==> flow/design.v <==
module u_scratch_n #(
    parameter D = 24,
    parameter DATA_W = 16,
    parameter ADDR_W = $clog2(D),
    parameter NBLK = DATA_W / 8
) (
    input clk_i,
    input clk_en,
    input [NBLK-1:0] in_byte_en,
    input [ADDR_W-1:0] in_wa,
    input [DATA_W-1:0] in_wdata,
    input [ADDR_W-1:0] in_ra,
    output [DATA_W-1:0] out_rdata
);
    reg [DATA_W-1:0] rf [0:D-1];
    integer idx;
    always @(posedge clk_i) begin
        for (idx = 0; idx < NBLK; idx = idx + 1)
            if (clk_en && in_byte_en[idx]) rf[in_wa][8*idx +: 8] <= in_wdata[8*idx +: 8];
    end
    assign out_rdata = rf[in_ra];
endmodule
Step by step through the tools: u_scratch_n
The steps from the RTL of u_scratch_n to its reports follow in flow order.
Line numbers count from 1 in the design file above.
Operators carry their Yosys type and port widths (W data, S select, Z words).
A cell with -- has no value.
- top: u_scratch_n
- clock port: clk_i
- standard-cell library: sky130hd
- library corner: tt_025C_1v80

Elaborated design
Counts by Yosys on the flattened word-level netlist (proc, flatten, opt, wreduce; memories kept). Register bits leave out memories and registers merged into their read ports (data or address); mux counts leave out enables and synchronous resets folded into registers. Print and check cells are left out. Cells with the same type and inputs are merged into one.
Memory sizes are those after Yosys's memory passes, which may raise the word count (mostly to a power of two), join words into wider ones and drop unused or constant bits.
- flip-flop bits (word level) at 0
- elaborated cells: 7
- noted memories kept: 1
- noted bits of input ports: 30
- memory bits (writable): 384
- memories (name ; depth ; width ; rd ports ; wr ports ; line ; source):
    rf ; 24 ; 16 ; 1 ; 1 ; 15 ; reg [DATA_W-1:0] rf [0:D-1];
- noted muxes and demuxes: 4
- noted reduce/logical cells: 2
- operators by type and width (operator ; number):
    $mux W16 ; 2
    $logic_and A1 B1 Y1 ; 2
    $mux W1 ; 2

Logic depth
Depth = most cells in a row (Yosys ltp): at word level without a register or memory, in the mapped netlist without a sequential cell, where the memories' decode and read muxes count.
- noted word-level depth: 2
- ABC_AREA at 0
- noted gate-level depth with buffers: 7
- noted gate-level depth less buffers: 4

After synthesis
Source: synth_stat.txt of the flow (Yosys; design flattened, memories mapped). It holds for the ABC_AREA given above (unset counts as 0); a run with the other value may have another netlist.
- noted mapped flip-flops: 384
- standard cells after synthesis: 740
- noted buffers: 45
- mapped area at 15068.2 sq um
- cells by type (cell type ; number ; area in all (sq um)):
    sky130_fd_sc_hd__edfxtp_1 ; 384 ; 1.15E+04
    sky130_fd_sc_hd__mux4_2 ; 64 ; 1.44E+03
    sky130_fd_sc_hd__mux2i_1 ; 80 ; 800.768
    sky130_fd_sc_hd__nor2_1 ; 50 ; 187.68
    sky130_fd_sc_hd__a2bb2oi_1 ; 16 ; 140.134
    sky130_fd_sc_hd__o211ai_2 ; 10 ; 125.12
    sky130_fd_sc_hd__a22oi_1 ; 16 ; 120.115
    sky130_fd_sc_hd__nand3_1 ; 22 ; 110.106
    sky130_fd_sc_hd__o311ai_1 ; 11 ; 96.342
    sky130_fd_sc_hd__buf_2 ; 14 ; 70.067
    sky130_fd_sc_hd__buf_4 ; 9 ; 67.565
    sky130_fd_sc_hd__nand2_1 ; 17 ; 63.811
    sky130_fd_sc_hd__clkbuf_1 ; 16 ; 60.058
    sky130_fd_sc_hd__o211ai_1 ; 6 ; 45.043
    sky130_fd_sc_hd__o311ai_0 ; 5 ; 43.792
    sky130_fd_sc_hd__buf_12 ; 2 ; 40.038
    sky130_fd_sc_hd__nor2b_1 ; 5 ; 31.28
    sky130_fd_sc_hd__buf_6 ; 2 ; 22.522
Other cell types: 6; their cells: 11.

Timing after synthesis
OpenSTA on the mapped netlist: ideal clock, no wires. The path of least setup slack (recovery checks aside). Input and output delay are each 20% of the period. Register names are those of the netlist, which keeps one name where synthesis merged equal registers.
- path kind: in2out
- from: input port in_ra[0]
- to: output port out_rdata[10]
- driving pins on the path at 6
- noted arrival time: 1.695 ns
- period: 2.49 ns
- launch time at the first pin at 0.498 ns
- output delay: 0.498 ns
- noted setup slack: 0.297 ns
- path delay at 1.197 ns
- noted input delay: 0.498 ns
- synthesis period reached: 2.193 ns
"path delay" is the arrival time less input delay plus setup time.
At an output port there is no setup time.
"driving pins on the path": output pins that drive a net of the path, with the launching flip-flop's if there is one; two outputs of one cell count as two.
"synthesis period reached" is the clock period less the worst setup slack; recovery checks do not enter. This is arithmetic on one report: input and output delays are still those of the set period (20% each).
Between the ends stands the longest chain of elaborated cells between them, by number of cells; it is not shown to be the way that was timed. Of several equally long chains one is given.
Each line given opens the expression or statement behind the cell; cells for indexed reads and writes are added by Yosys, which also makes memories of some case tables.
The chain passes a memory read, where the word-level depth is cut; so it can be longer than that depth.
- cell sequence: sky130_fd_sc_hd__buf_6 -> sky130_fd_sc_hd__buf_6 -> sky130_fd_sc_hd__mux4_2 -> sky130_fd_sc_hd__a2bb2oi_1 -> sky130_fd_sc_hd__nand3_1 -> sky130_fd_sc_hd__o311ai_0
- cells in the longest elaborated chain at 1
- elaborated cells on any way between the ends at 1
- noted RTL lines with such cells: 1
- those cells by class: memory: 1
- ends and longest elaborated chain, after synthesis (what ; line ; source):
    from (decl) ; 12 ; input [ADDR_W-1:0] in_ra,
    $mem_v2 Z24 W16 ; 15 ; reg [DATA_W-1:0] rf [0:D-1];
    to (decl) ; 13 ; output [DATA_W-1:0] out_rdata

Path in the finished layout
Path of least setup slack in the final report of record 1 (OpenROAD, finished layout, wires in). Where an end is a register, its clock arrival counts in the times.
- path kind: in2out
- from: input port in_ra[0]
- to: output port out_rdata[15]
- period: 2.28 ns
- noted input delay: 0.46 ns
- output delay: 0.46 ns
- noted setup slack: -0.27 ns
- launch time at the first pin at 0.46 ns
- driving pins on the path at 7
- noted arrival time: 2.09 ns
Between the ends stands the longest chain of elaborated cells between them, by number of cells; it is not shown to be the way that was timed. Of several equally long chains one is given.
The chain passes a memory read, where the word-level depth is cut; so it can be longer than that depth.
- cell sequence: sky130_fd_sc_hd__buf_12 -> sky130_fd_sc_hd__buf_16 -> sky130_fd_sc_hd__buf_4 -> sky130_fd_sc_hd__mux4_2 -> sky130_fd_sc_hd__o211ai_1 -> sky130_fd_sc_hd__o311ai_4 -> sky130_fd_sc_hd__buf_6
- cells in the longest elaborated chain at 1
- elaborated cells on any way between the ends at 1
- noted RTL lines with such cells: 1
- those cells by class: memory: 1
- ends and longest elaborated chain, post-layout (what ; line ; source):
    from (decl) ; 12 ; input [ADDR_W-1:0] in_ra,
    $mem_v2 Z24 W16 ; 15 ; reg [DATA_W-1:0] rf [0:D-1];
    to (decl) ; 13 ; output [DATA_W-1:0] out_rdata

Flow measurements of u_scratch_n on sky130hd: 3 stored runs with different settings, listed in no order. Input and output delays are each 20% of the period that was set; the output load is 0.01 pF.
"period reached" means the clock period less the worst setup slack. The figure is calculated, with input and output delays left at 20% of the set period.
"critical setup path time" means the part of the period allowed to the worst setup path (the constraints hold back 20% at inputs and 20% at outputs) less its slack; where the path has registers, the arrival times of their clocks count too.
"total power after layout" rests on the timing tool's default activity at the inputs, not on a simulated workload.

Record 1
Settings were period_ns = 2.28; CORE_UTILIZATION = 71; PLACE_DENSITY = 0.42; CORE_ASPECT_RATIO = 0.66; GPL_ROUTABILITY_DRIVEN = 1; CTS_CLUSTER_SIZE = 15; CAP_MARGIN = 20; CORE_MARGIN = 2; SLEW_MARGIN = 20
- noted the chip area after synthesis (Yosys): 15068.2 sq um
- noted the worst hold slack in the final report: 0.607 ns
- noted the final setup TNS: -2.505 ns
- full die area at 22429.2 sq um
- total power after layout at 14558 uW
- noted the critical setup path time: 1.64 ns
- class of the worst setup path: in2out
- final utilization at 0.867
- noted the worst setup slack after layout: -0.271 ns
- standard-cell area after layout: 18134.9 sq um
- period reached at 2.551 ns

Record 2
Settings were period_ns = 2.81; CORE_UTILIZATION = 40; SETUP_SLACK_MARGIN = 0.13; PLACE_DENSITY = 0.56; CORE_MARGIN = 9; ABC_AREA = 0; GPL_TIMING_DRIVEN = 0; GPL_ROUTABILITY_DRIVEN = 1; CTS_CLUSTER_SIZE = 41; CTS_CLUSTER_DIAMETER = 201; CAP_MARGIN = 25; SLEW_MARGIN = 25; MIN_ROUTING_LAYER = met2
- full die area at 44982.2 sq um
- noted the critical setup path time: 1.57 ns
- class of the worst setup path: in2out
- noted the worst hold slack in the final report: 0.514 ns
- noted the final setup TNS: 0.000 ns
- standard-cell area after layout: 16992.5 sq um
- final utilization at 0.461
- total power after layout at 9626 uW
- noted the worst setup slack after layout: 0.113 ns
- period reached at 2.697 ns
- noted the chip area after synthesis (Yosys): 15068.2 sq um

Record 3
Settings were period_ns = 2.49; CAP_MARGIN = 20; CORE_MARGIN = 2; CORE_UTILIZATION = 40; SLEW_MARGIN = 20
- final utilization at 0.498
- noted the final setup TNS: -0.078 ns
- period reached at 2.529 ns
- noted the worst hold slack in the final report: 0.793 ns
- noted the chip area after synthesis (Yosys): 15068.2 sq um
- noted the worst setup slack after layout: -0.039 ns
- full die area at 39239.6 sq um
- standard-cell area after layout: 18620.4 sq um
- noted the critical setup path time: 1.53 ns
- class of the worst setup path: in2out
- total power after layout at 13491 uW
